==> flow/design.v <==
module core_mul #(
    parameter integer WD = 9
) (
    input  wire clock,
    input  wire RSTN,
    input  wire [WD-1:0] in_lhs,
    input  wire [WD-1:0] in_rhs,
    output wire [WD-1:0] out_out
);
    reg [WD-1:0] lhs_q;
    reg [WD-1:0] rhs_q;
    always @(posedge clock or negedge RSTN) begin
        if (!RSTN) begin
            lhs_q <= 0;
            rhs_q <= 0;
        end else begin
            lhs_q <= in_lhs;
            rhs_q <= in_rhs;
        end
    end
    assign out_out = lhs_q * rhs_q;
endmodule
# == From RTL to reports: core_mul ==
# The steps from the RTL of core_mul to its reports follow in flow order.
# Lines are those of the file above, counted from 1.
# Cell names lack the library's common part.
# Not given: --
# inputs
design,core_mul
clk_port,clock
cell_library,sky130hd
pvt_corner,tt_025C_1v80

# == Word level ==
# Source: Yosys, flattened and elaborated, memories not mapped. Widths are those after wreduce; folded enables and synchronous resets count as part of the registers. Registers that Yosys merges into a memory's read port (data or address) are not register bits. Print and check cells do not count. Equal cells are merged and count once.
# word_totals
reg_bits,18
in_bits,20
out_inout_bits,9
# classes
multipliers,1
# op_table
cell,n
multiplier 9 x 9 -> 9 bit,1

# == Longest topological paths ==
# Yosys ltp: most cells in a row. Word level: on the elaborated netlist, between registers, memories and ports. Mapped: between sequential cells and ports; inverters and the memories' decode and read muxes count.
# logic_depth
word_depth,1
abc_area,1
ltp_mapped,25

# == Synthesis result ==
# Source: synth_stat.txt of the flow (Yosys; design flattened, memories mapped). It holds for the ABC_AREA given above (unset counts as 0); a run with the other value may have another netlist.
# Totals and module areas in this step are rounded.
# by_type
type,n,type_area_um2
dfrtp_1,18,450.432
fa_1,18,360.346
nand2_1,75,281.52
ha_1,17,212.704
inv_1,55,206.448
nand3_1,10,50.048
nand2_2,6,37.536
nand2_4,2,22.522
xnor2_1,2,17.517
xor2_1,2,17.517
xor2_2,1,16.266
buf_2,3,15.014
buf_4,2,15.014
clkinv_1,2,7.507
inv_2,2,7.507
nand3b_1,1,7.507
nor2_1,2,7.507
nand4_1,1,6.256
# synth_totals
cells,219
area_um2,1740
sequential_area_um2,450
flip_flops,18
n_buf,5

# == Worst setup path after synthesis ==
# Source: OpenSTA report_checks on the synthesized netlist (no wires, ideal clock, input and output delay 20% of the period each), path of least setup slack; recovery checks are left aside. Register names are those of the netlist, which keeps one name where synthesis merged equal registers.
# synth_timing
kind,register -> output
startpoint,register rhs_q[2]
endpoint,output port out_out[8]
clock_period_ns,6.3
launch_ns,0.000
arrival_ns,3.564
required_ns,5.040
setup_slack_ns,1.476
delay_ns,3.564
path_stages,23
path_buffers,0
period_less_setup_slack_ns,4.824
# "delay_ns" is the arrival time less input delay plus setup time.
# At an output port there is no setup time.
# "path_stages": output pins that drive a net of the path, with the launching flip-flop's if there is one; two outputs of one cell count as two.
# "period_less_setup_slack_ns" is the clock period less the worst setup slack; recovery checks do not enter. This is arithmetic on one report: input and output delays are still those of the set period (20% each).
# Between the ends stands the longest chain of elaborated cells between them, by number of cells; it is not shown to be the way that was timed. Of several equally long chains one is given.
# A line is the first line of the expression or statement that the cell stems from. Yosys adds cells for indexed reads and writes and turns some case tables into memories.
# synth_between
path_cell_list,dfrtp_1 > nand2_1 > fa_1 > fa_1 > inv_1 > ha_1 > inv_1 > fa_1 > inv_1 > fa_1 > nand2_1 > nand2_1 > nand2_1 > nand2_4 > inv_1 > nand2_1 > nand2_2 > inv_2 > nand2_2 > nand2_1 > nand2_1 > nand2_1 > inv_1
elab_chain_cells,1
cone_cells,1
cone_lines,1
# synth_lines
item,line_no,source
start: declaration,11,reg [WD-1:0] rhs_q;
start: assignment,15,rhs_q <= 0;
start: assignment,18,rhs_q <= in_rhs;
multiplier 9 x 9 -> 9 bit,21,assign out_out = lhs_q * rhs_q;
end: declaration,8,output wire [WD-1:0] out_out

# == Path in the finished layout ==
# From the final timing report of flow run 2: the path of least setup slack in the routed layout; clock arrival at registers is part of the times.
# layout_timing
kind,register -> output
startpoint,register rhs_q[2]
endpoint,output port out_out[6]
clock_period_ns,5.35
launch_ns,0.24
arrival_ns,3.89
required_ns,4.28
setup_slack_ns,0.39
path_stages,13
path_buffers,2
# Between the ends stands the longest chain of elaborated cells between them, by number of cells; it is not shown to be the way that was timed. Of several equally long chains one is given.
# layout_between
path_cell_list,dfrtp_2 > nand2_2 > fa_1 > fa_1 > inv_1 > ha_1 > inv_1 > fa_1 > inv_2 > fa_2 > buf_4 > xor2_1 > clkdlybuf4s50_1
elab_chain_cells,1
cone_cells,1
cone_lines,1
# layout_lines
item,line_no,source
start: declaration,11,reg [WD-1:0] rhs_q;
start: assignment,15,rhs_q <= 0;
start: assignment,18,rhs_q <= in_rhs;
multiplier 9 x 9 -> 9 bit,21,assign out_out = lhs_q * rhs_q;
end: declaration,8,output wire [WD-1:0] out_out

# Measured data: module core_mul, platform sky130hd, 3 stored runs of the flow under differing settings, order arbitrary. Input and output delays are each 20% of the period that was set; the output load is 0.01 pF.
# By "achieved_period_ns" is meant the clock period of the run minus its worst setup slack. This is arithmetic on one report: input and output delays are still those of the set period (20% each).
# "power.total_mw" is the tool's figure for a default switching activity; nothing was simulated.
# Values from the reports are rounded here.
# Among the settings, - means not set for that run.
# A result given as - is not shown for that run.
stored run,period_ns,CORE_UTILIZATION,SETUP_SLACK_MARGIN,PLACE_DENSITY,CORE_ASPECT_RATIO,CORE_MARGIN,CELL_PAD_IN_SITES_GLOBAL_PLACEMENT,CELL_PAD_IN_SITES_DETAIL_PLACEMENT,CTS_CLUSTER_SIZE,CAP_MARGIN,SLEW_MARGIN,PLACE_DENSITY_LB_ADDON,ABC_AREA,layout_utilization_pct,dieArea_um2,fin_ws_ns,power.total_mw,final_setup_tns_ns,achieved_period_ns,yosys_chip_area_um2
flow run 1,3.23,45,0.1,0.95,1.22,9,1,2,18,0,30,-,-,-,-,-,-,-,-,-
flow run 2,5.35,19,0.21,-,0.86,2,-,-,98,15,40,0.11,1,26.3,9940,0.395,0.641,0.000,4.955,1740
flow run 3,6.3,40,-,-,-,2,-,-,-,20,20,-,-,53.2,4340,0.524,0.514,0.000,5.776,1530
# Flow run 1: no final report: placement broke off with DPL-0033
